==> flow/design.v <==
module alu_relation (sys_clk, rstn, i_dataa, i_datab, i_datac, o_in_range);
    parameter integer NBITS = 72;
    input sys_clk;
    input rstn;
    input [NBITS-1:0] i_dataa;
    input [NBITS-1:0] i_datab;
    input [NBITS-1:0] i_datac;
    output o_in_range;
    reg [NBITS-1:0] dataa_q;
    reg [NBITS-1:0] datab_q;
    reg [NBITS-1:0] datac_q;
    assign o_in_range = (dataa_q >= datab_q) && (dataa_q <= datac_q);
    always @(posedge sys_clk) begin
        if (!rstn) begin
            dataa_q <= 0;
            datab_q <= 0;
            datac_q <= 0;
        end else begin
            dataa_q <= i_dataa;
            datab_q <= i_datab;
            datac_q <= i_datac;
        end
    end
endmodule
* From RTL to reports: alu_relation
The steps from the RTL of alu_relation to its reports follow in flow order.
Lines are those of the file above, counted from 1.
Library cell names are shortened.
A cell with n/a has no value.
- Top :: alu_relation
- Clock input :: sys_clk
- Library :: sky130hd
- Library corner :: tt_025C_1v80

* Elaborated design
Yosys after proc, flatten, opt, wreduce and memory -nomap, before mapping. Enables and synchronous resets that opt folds into registers are not counted as muxes. Memory bits, and registers merged into a memory's read port (data or address), are not among the register bits. Print and check cells are not counted. Equal cells are merged and count once.
- Magnitude comparators :: 2
- Reduce/logical cells :: 1
** Operator list (count)
- 72-bit >= comparator :: 1
- 72-bit less-or-equal comparator :: 1
- 1-bit logical AND :: 1
- Register bits after elaboration :: 216
- Input port bits :: 218

* Depth
Yosys ltp: most cells in a row. Word level: on the elaborated netlist, between registers, memories and ports. Mapped: between sequential cells and ports; inverters and the memories' decode and read muxes count.
- Depth in word-level cells :: 2
- ABC_AREA :: 0
- Depth in mapped cells :: 9
- Mapped depth without buffers :: 9

* Mapped cells and area
Source: synth_stat.txt of the flow (Yosys; design flattened, memories mapped). It holds for the ABC_AREA given above (unset counts as 0); a run with the other value may have another netlist.
The area totals of this step are shown rounded.
** Cells by type
- dfxtp_1 :: count 216, total area 4.32E+03 um^2
- ha_1 :: count 144, total area 1.8E+03 um^2
- and2_1 :: count 216, total area 1.35E+03 um^2
- inv_1 :: count 146, total area 548.026 um^2
- a21oi_1 :: count 53, total area 265.254 um^2
- nand4_1 :: count 29, total area 181.424 um^2
- a21o_1 :: count 24, total area 180.173 um^2
- nand2_1 :: count 26, total area 97.594 um^2
- clkbuf_1 :: count 23, total area 86.333 um^2
- o21ai_0 :: count 17, total area 85.082 um^2
- nand3_1 :: count 14, total area 70.067 um^2
- a211oi_1 :: count 8, total area 60.058 um^2
- nor2_1 :: count 12, total area 45.043 um^2
- nor3_1 :: count 5, total area 25.024 um^2
- a221o_1 :: count 2, total area 20.019 um^2
- nor2b_1 :: count 3, total area 18.768 um^2
- nor4_1 :: count 3, total area 18.768 um^2
- a2111oi_0 :: count 2, total area 17.517 um^2
Other cell types: 15; their cells: 18.
- Cells in the netlist :: 961
- Cell area after synthesis :: 9341 um^2
- Sequential area :: 4324 um^2
- Flip-flops :: 216
- Buffer cells :: 23

* Path before layout
Source: OpenSTA report_checks on the synthesized netlist (no wires, ideal clock, input and output delay 20% of the period each), path of least setup slack; recovery checks are left aside. Register names are those of the netlist, which keeps one name where synthesis merged equal registers.
- Path kind :: register -> output
- From :: register datab_q[38]
- To :: output port o_in_range
- Clock period :: 3.38 ns
- External output delay :: 0.676 ns
- Time at the first pin :: 0.000 ns
- Arrival time :: 2.165 ns
- Required time :: 2.704 ns
- Setup slack :: 0.539 ns
- Path delay :: 2.165 ns
- Stages on the path :: 9
- Buffers on the path :: 0
- Synthesis period reached :: 2.841 ns
"path delay" is the arrival time less input delay plus setup time.
At an output port there is no setup time.
"stages on the path": output pins that drive a net of the path, with the launching flip-flop's if there is one; two outputs of one cell count as two.
"synthesis period reached" is the clock period less the worst setup slack; recovery checks do not enter. This is arithmetic on one report: input and output delays are still those of the set period (20% each).
Between the ends stands the longest chain of elaborated cells between them, by number of cells; it is not shown to be the way that was timed. Of several equally long chains one is given.
Each line given opens the expression or statement behind the cell; cells for indexed reads and writes are added by Yosys, which also makes memories of some case tables.
- Cells stage by stage :: dfxtp_1 -> inv_1 -> ha_1 -> nand4_2 -> or4_1 -> or4_1 -> a21oi_1 -> o311ai_1 -> a22oi_1
- Cells in the longest elaborated chain :: 2
- Elaborated cells on any way between the ends :: 2
- Classes of those cells :: compare (1); reduce/logical (1)
** RTL lines, path after synthesis
- start: declaration :: RTL line 10 : reg [NBITS-1:0] datab_q;
- start: assignment :: RTL line 16 : datab_q <= 0;
- start: assignment :: RTL line 20 : datab_q <= i_datab;
- 72-bit >= comparator :: RTL line 12 : assign o_in_range = (dataa_q >= datab_q) && (dataa_q <= datac_q);
- 1-bit logical AND :: RTL line 12
- end: declaration :: RTL line 8 : output o_in_range;

* Worst path after layout
From the final timing report of stored run 1: the path of least setup slack in the routed layout; clock arrival at registers is part of the times.
- Path kind :: register -> output
- From :: register datab_q[35]
- To :: output port o_in_range
- Clock period :: 2.48 ns
- External output delay :: 0.50 ns
- Time at the first pin :: 0.54 ns
- Arrival time :: 2.93 ns
- Required time :: 1.98 ns
- Setup slack :: -0.94 ns
- Stages on the path :: 10
- Buffers on the path :: 1
Between the ends stands the longest chain of elaborated cells between them, by number of cells; it is not shown to be the way that was timed. Of several equally long chains one is given.
- Cells stage by stage :: dfxtp_1 -> inv_2 -> ha_4 -> nand4_1 -> or4_4 -> or4_4 -> a21oi_4 -> o311ai_4 -> a22oi_2 -> buf_6
- Cells in the longest elaborated chain :: 2
- Elaborated cells on any way between the ends :: 2
- Classes of those cells :: compare (1); reduce/logical (1)
** RTL lines, path after layout
- start: declaration :: RTL line 10 : reg [NBITS-1:0] datab_q;
- start: assignment :: RTL line 16 : datab_q <= 0;
- start: assignment :: RTL line 20 : datab_q <= i_datab;
- 72-bit >= comparator :: RTL line 12 : assign o_in_range = (dataa_q >= datab_q) && (dataa_q <= datac_q);
- 1-bit logical AND :: RTL line 12
- end: declaration :: RTL line 8 : output o_in_range;

==> results <==
Measured data: module alu_relation, platform sky130hd, 3 stored runs of the flow under differing settings, order arbitrary. Input and output delays are each 20% of the period that was set; the output load is 0.01 pF.
By "reached clock period" is meant the clock period of the run minus its worst setup slack. This is arithmetic on one report: input and output delays are still those of the set period (20% each).
"allowed time less slack (worst setup path)": the worst setup path's part of the clock period (all of it between registers, 20% less for each end at a port) less its slack. A launch clock that arrives late makes it longer, a capture clock that arrives late makes it shorter.
"total design power" rests on the timing tool's default activity at the inputs, not on a simulated workload.
The results are shown rounded.

** Stored run 1
- Settings :: period_ns=2.48; CORE_UTILIZATION=16; PLACE_DENSITY=0.87; CORE_MARGIN=2; CELL_PAD_IN_SITES_GLOBAL_PLACEMENT=2; CELL_PAD_IN_SITES_DETAIL_PLACEMENT=0; CTS_CLUSTER_SIZE=20; CTS_CLUSTER_DIAMETER=36; SLEW_MARGIN=20; MIN_ROUTING_LAYER=met1; MAX_ROUTING_LAYER=met5; CAP_MARGIN=20
- Cell area after synthesis :: 9,341 um^2
- Area inside the die boundary :: 60,330 um^2
- Std-cell area (final layout) :: 14,670 um^2
- Final design utilization :: 0.254
- Lowest setup slack :: -0.942 ns
- Final setup TNS :: -0.942 ns
- Worst hold slack in the final report :: 0.409 ns
- Total design power :: 11,070 µW
- Reached clock period :: 3.422 ns
- Allowed time less slack (worst setup path) :: 2.93 ns
- Kind of the worst setup path :: register -> output

** Stored run 2
- Settings :: period_ns=3.38; CAP_MARGIN=20; CORE_MARGIN=2; CORE_UTILIZATION=40; SLEW_MARGIN=20
- Cell area after synthesis :: 9,341 um^2
- Area inside the die boundary :: 24,590 um^2
- Std-cell area (final layout) :: 13,040 um^2
- Final design utilization :: 0.573
- Lowest setup slack :: -0.236 ns
- Final setup TNS :: -0.236 ns
- Worst hold slack in the final report :: 0.733 ns
- Total design power :: 6,347 µW
- Reached clock period :: 3.616 ns
- Allowed time less slack (worst setup path) :: 2.94 ns
- Kind of the worst setup path :: register -> output

** Stored run 3
- Settings :: period_ns=2.99; CORE_UTILIZATION=62; SETUP_SLACK_MARGIN=-0.08; PLACE_DENSITY=0.54; HOLD_SLACK_MARGIN=0.27; ABC_AREA=1; CTS_CLUSTER_SIZE=77; CAP_MARGIN=20; CORE_MARGIN=2; SLEW_MARGIN=20
- Cell area after synthesis :: 10,110 um^2
- Area inside the die boundary :: 17,350 um^2
- Std-cell area (final layout) :: 13,260 um^2
- Final design utilization :: 0.835
- Lowest setup slack :: 0.059 ns
- Final setup TNS :: 0.000 ns
- Worst hold slack in the final report :: 0.554 ns
- Total design power :: 6,876 µW
- Reached clock period :: 2.931 ns
- Allowed time less slack (worst setup path) :: 2.33 ns
- Kind of the worst setup path :: register -> output
